==> flow/design.v <==
module sync_mul_unit_stage #(
  parameter int DATA_W = 18
) (
  input logic sys_clk,
  input logic [DATA_W-1:0] a_i,
  input logic [DATA_W-1:0] b_i,
  input logic zero_i,
  output logic [2*DATA_W-1:0] m_o,
  output logic fin_o
);
  logic [DATA_W-1:0] a_reg;
  logic [DATA_W-1:0] b_reg;
  logic zero_reg;
  localparam int SEL_W = $clog2(DATA_W + 1);
  logic [DATA_W-1:0] mcand;
  logic [SEL_W-1:0] left;
  logic [2*DATA_W-1:0] state;
  logic [DATA_W:0] work;
  assign work = state[2*DATA_W-1:DATA_W] + (state[0] ? mcand : {DATA_W{1'b0}});
  assign m_o = state;
  assign fin_o = (left == 0);
  always_ff @(posedge sys_clk) begin
    a_reg <= a_i;
    b_reg <= b_i;
    zero_reg <= zero_i;
    mcand <= zero_reg ? a_reg : mcand;
    left <= zero_reg ? DATA_W : (left != 0) ? left - 1'b1 : left;
    state <= zero_reg ? {{DATA_W{1'b0}}, b_reg} : (left != 0) ? {work, state[DATA_W-1:1]} : state;
  end
endmodule
-- Step by step through the tools: sync_mul_unit_stage
Tool output for the design above, in the order of the flow.
Line numbers count from 1 in the design file above.
Cell names lack the library's common part.
The mark -- stands for no value.
- top module: sync_mul_unit_stage
- clock input: sys_clk
- cell library: sky130hd
- timing corner: tt_025C_1v80

-- Elaborated design
Yosys after proc, flatten, opt, wreduce and memory -nomap, before mapping. Memory bits, and registers merged into a memory's read port (data or address), are not among the register bits. Print and check cells are not counted. Equal cells are merged and count once.
- elaborated cells at 15
- input port bits at 38
- noted output and inout bits: 37
- noted register bits: 96
- noted add/sub/neg operators: 2
- noted multiplexer cells: 3
- reduce/logical cells: 3
- operators with widths (kind ; number):
    2-to-1 mux 18 bit ; 3
    adder 18 x 18 -> 19 bit ; 1
    subtractor 5 x 1 -> 5 bit (second input constant) ; 1
    zero test 5 bit ; 1
    nonzero test 5 bit ; 1
    nonzero test 2 bit ; 1

-- Logic depth
Yosys ltp: most cells in a row. Word level: on the elaborated netlist, between registers, memories and ports. Mapped: between sequential cells and ports; inverters and the memories' decode and read muxes count.
- word-level depth at 4
- ABC_AREA: 1
- noted gate-level depth with buffers: 15
- gate-level depth less buffers: 14

-- Netlist
Source: synth_stat.txt of the flow (Yosys; design flattened, memories mapped). It holds for the ABC_AREA given above (unset counts as 0); a run with the other value may have another netlist.
Totals and module areas in this step are rounded.
- cell types (cell ; number ; area in all (sq um)):
    dfxtp_1 ; 60 ; 1.2E+03
    edfxtp_1 ; 36 ; 1.08E+03
    nand2_1 ; 163 ; 611.837
    ha_1 ; 19 ; 237.728
    inv_1 ; 47 ; 176.419
    a21oi_1 ; 18 ; 90.086
    nand3_1 ; 18 ; 90.086
    o21ai_0 ; 14 ; 70.067
    nor2_1 ; 15 ; 56.304
    nand2_2 ; 6 ; 37.536
    xnor2_1 ; 4 ; 35.034
    nand3b_1 ; 4 ; 30.029
    fa_1 ; 1 ; 20.019
    clkbuf_1 ; 5 ; 18.768
    xor2_1 ; 2 ; 17.517
    nor3_1 ; 3 ; 15.014
    and2_1 ; 2 ; 12.512
    inv_2 ; 3 ; 11.261
Other cell types: 15; their cells: 17.
- noted mapped area: 3939 sq um
- buffer cells: 8
- cells in the netlist at 437
- sequential area at 2282 sq um
- flip-flops at 96

-- Timing after synthesis
Source: OpenSTA report_checks on the synthesized netlist (no wires, ideal clock, input and output delay 20% of the period each), path of least setup slack; recovery checks are left aside. Register names are those of the netlist, which keeps one name where synthesis merged equal registers.
- path kind: reg-to-reg
- start point: reg state[0]
- end point: reg state[33]
- noted stages: 15
- noted data required time: 3.027 ns
- library setup time: 0.113 ns
- delay of the path at 2.099 ns
- time at the first pin: 0.000 ns
- period at 3.14 ns
- setup slack at 1.041 ns
- arrival at 1.986 ns
- path buffers at 1
- synthesis period reached: 2.099 ns
"delay of the path" = arrival - input delay + setup time.
"stages": output pins that drive a net of the path, with the launching flip-flop's if there is one; two outputs of one cell count as two.
"synthesis period reached" = period - worst setup slack (recovery checks aside). The figure is calculated, with input and output delays left at 20% of the set period.
Between the ends stands the longest chain of elaborated cells between them, by number of cells; it is not shown to be the way that was timed. Of several equally long chains one is given.
A line is the first line of the expression or statement that the cell stems from. Yosys adds cells for indexed reads and writes and turns some case tables into memories.
- path through: edfxtp_1 clkbuf_1 nand2_1 inv_1 ha_1 inv_1 fa_1 o21ai_2 nand2_1 nand2_2 nand2_1 nand2_1 nand2_1 nand3_1 nand2_1
- cells in the longest elaborated chain: 2
- elaborated cells between the ends (all ways) at 2
- RTL lines with such cells: 1
- classes of those cells: add/sub: 1; mux: 1
- ends and longest elaborated chain, after synthesis (element ; RTL line ; RTL):
    from (decl) ; 17 ; logic [2*DATA_W-1:0] state;
    from (assign) ; 28 ; state <= zero_reg ? {{DATA_W{1'b0}}, b_reg} : (left != 0) ? {work, state[DATA_W-1:1]} : state;
    2-to-1 mux 18 bit ; 19 ; assign work = state[2*DATA_W-1:DATA_W] + (state[0] ? mcand : {DATA_W{1'b0}});
    adder 18 x 18 -> 19 bit ; 19 ;
    to (assign) ; 28 ;
    to (decl) ; 17 ;

-- Timing after layout
From the final timing report of job 1: the path of least setup slack in the routed layout; clock arrival at registers is part of the times.
- path kind: reg-to-reg
- start point: reg state[0]
- end point: reg state[33]
- setup slack at -0.12 ns
- path buffers at 2
- noted stages: 15
- time at the first pin: 0.35 ns
- noted data required time: 2.09 ns
- period at 1.86 ns
- library setup time: 0.11 ns
- arrival at 2.21 ns
Between the ends stands the longest chain of elaborated cells between them, by number of cells; it is not shown to be the way that was timed. Of several equally long chains one is given.
- path through: edfxtp_1 buf_8 buf_8 nand2_1 inv_1 ha_4 nand2_4 inv_1 nand2_2 nor3_4 nand2_2 nand2_1 nand2_1 nand3_1 nand2_1
- cells in the longest elaborated chain: 2
- elaborated cells between the ends (all ways) at 2
- RTL lines with such cells: 1
- classes of those cells: add/sub: 1; mux: 1
- ends and longest elaborated chain, post-layout (element ; RTL line ; RTL):
    from (decl) ; 17 ; logic [2*DATA_W-1:0] state;
    from (assign) ; 28 ; state <= zero_reg ? {{DATA_W{1'b0}}, b_reg} : (left != 0) ? {work, state[DATA_W-1:1]} : state;
    2-to-1 mux 18 bit ; 19 ; assign work = state[2*DATA_W-1:DATA_W] + (state[0] ? mcand : {DATA_W{1'b0}});
    adder 18 x 18 -> 19 bit ; 19 ;
    to (assign) ; 28 ;
    to (decl) ; 17 ;

# Flow runs of sync_mul_unit_stage

sync_mul_unit_stage through Yosys and OpenROAD on sky130hd: 3 stored runs, unordered, with their settings and measured results. The constraints put input and output delay at 20% of the set period each and load the outputs with 0.01 pF.
"clock period achieved" means the clock period less the worst setup slack. The figure is calculated, with input and output delays left at 20% of the set period.
"critical setup path time": the worst setup path's part of the clock period (all of it between registers, 20% less for each end at a port) less its slack. A launch clock that arrives late makes it longer, a capture clock that arrives late makes it shorter.
By "total design power" is meant OpenSTA's value without simulated activity: inputs other than the clock are taken to toggle once in ten clock periods, and the tool carries that through the logic.
Measured values are rounded.

Job 1
Settings were period_ns = 1.86; CORE_UTILIZATION = 15; HOLD_SLACK_MARGIN = -0.09; CELL_PAD_IN_SITES_DETAIL_PLACEMENT = 0; ABC_AREA = 1; GPL_TIMING_DRIVEN = 0; CAP_MARGIN = 20; CORE_MARGIN = 2; SLEW_MARGIN = 20
- critical setup path time: 1.98 ns
- critical path kind: reg-to-reg
- total design power at 5744 µW
- lowest hold slack: 0.395 ns
- area inside the die boundary at 27570 sq um
- noted the clock period achieved: 1.981 ns
- noted the worst setup slack after layout: -0.121 ns
- utilization after routing: 23.4%
- noted the total negative slack on setup checks: -0.670 ns
- standard-cell area after layout at 6056 sq um
- chip area in the Yosys report at 3939 sq um

Job 2
Settings were period_ns = 3.14; CAP_MARGIN = 20; CORE_MARGIN = 2; CORE_UTILIZATION = 40; SLEW_MARGIN = 20
- critical setup path time: 2.31 ns
- critical path kind: reg-to-output
- total design power at 3152 µW
- lowest hold slack: 0.397 ns
- area inside the die boundary at 10570 sq um
- noted the clock period achieved: 2.937 ns
- noted the worst setup slack after layout: 0.203 ns
- utilization after routing: 51.6%
- noted the total negative slack on setup checks: 0.000 ns
- standard-cell area after layout at 4977 sq um
- chip area in the Yosys report at 3905 sq um

Job 3
Settings were period_ns = 1.74; CORE_UTILIZATION = 30; SETUP_SLACK_MARGIN = 0.11; PLACE_DENSITY = 0.41; CORE_ASPECT_RATIO = 0.56; ABC_AREA = 0; GPL_TIMING_DRIVEN = 0; GPL_ROUTABILITY_DRIVEN = 0; CTS_CLUSTER_SIZE = 80; CAP_MARGIN = 0; SLEW_MARGIN = 10; MIN_ROUTING_LAYER = met2; CORE_MARGIN = 2
- critical setup path time: 2.65 ns
- critical path kind: reg-to-reg
- total design power at 7212 µW
- lowest hold slack: 0.405 ns
- area inside the die boundary at 13980 sq um
- noted the clock period achieved: 2.646 ns
- noted the worst setup slack after layout: -0.906 ns
- utilization after routing: 48.6%
- noted the total negative slack on setup checks: -16.66 ns
- standard-cell area after layout at 6220 sq um
- chip area in the Yosys report at 3905 sq um
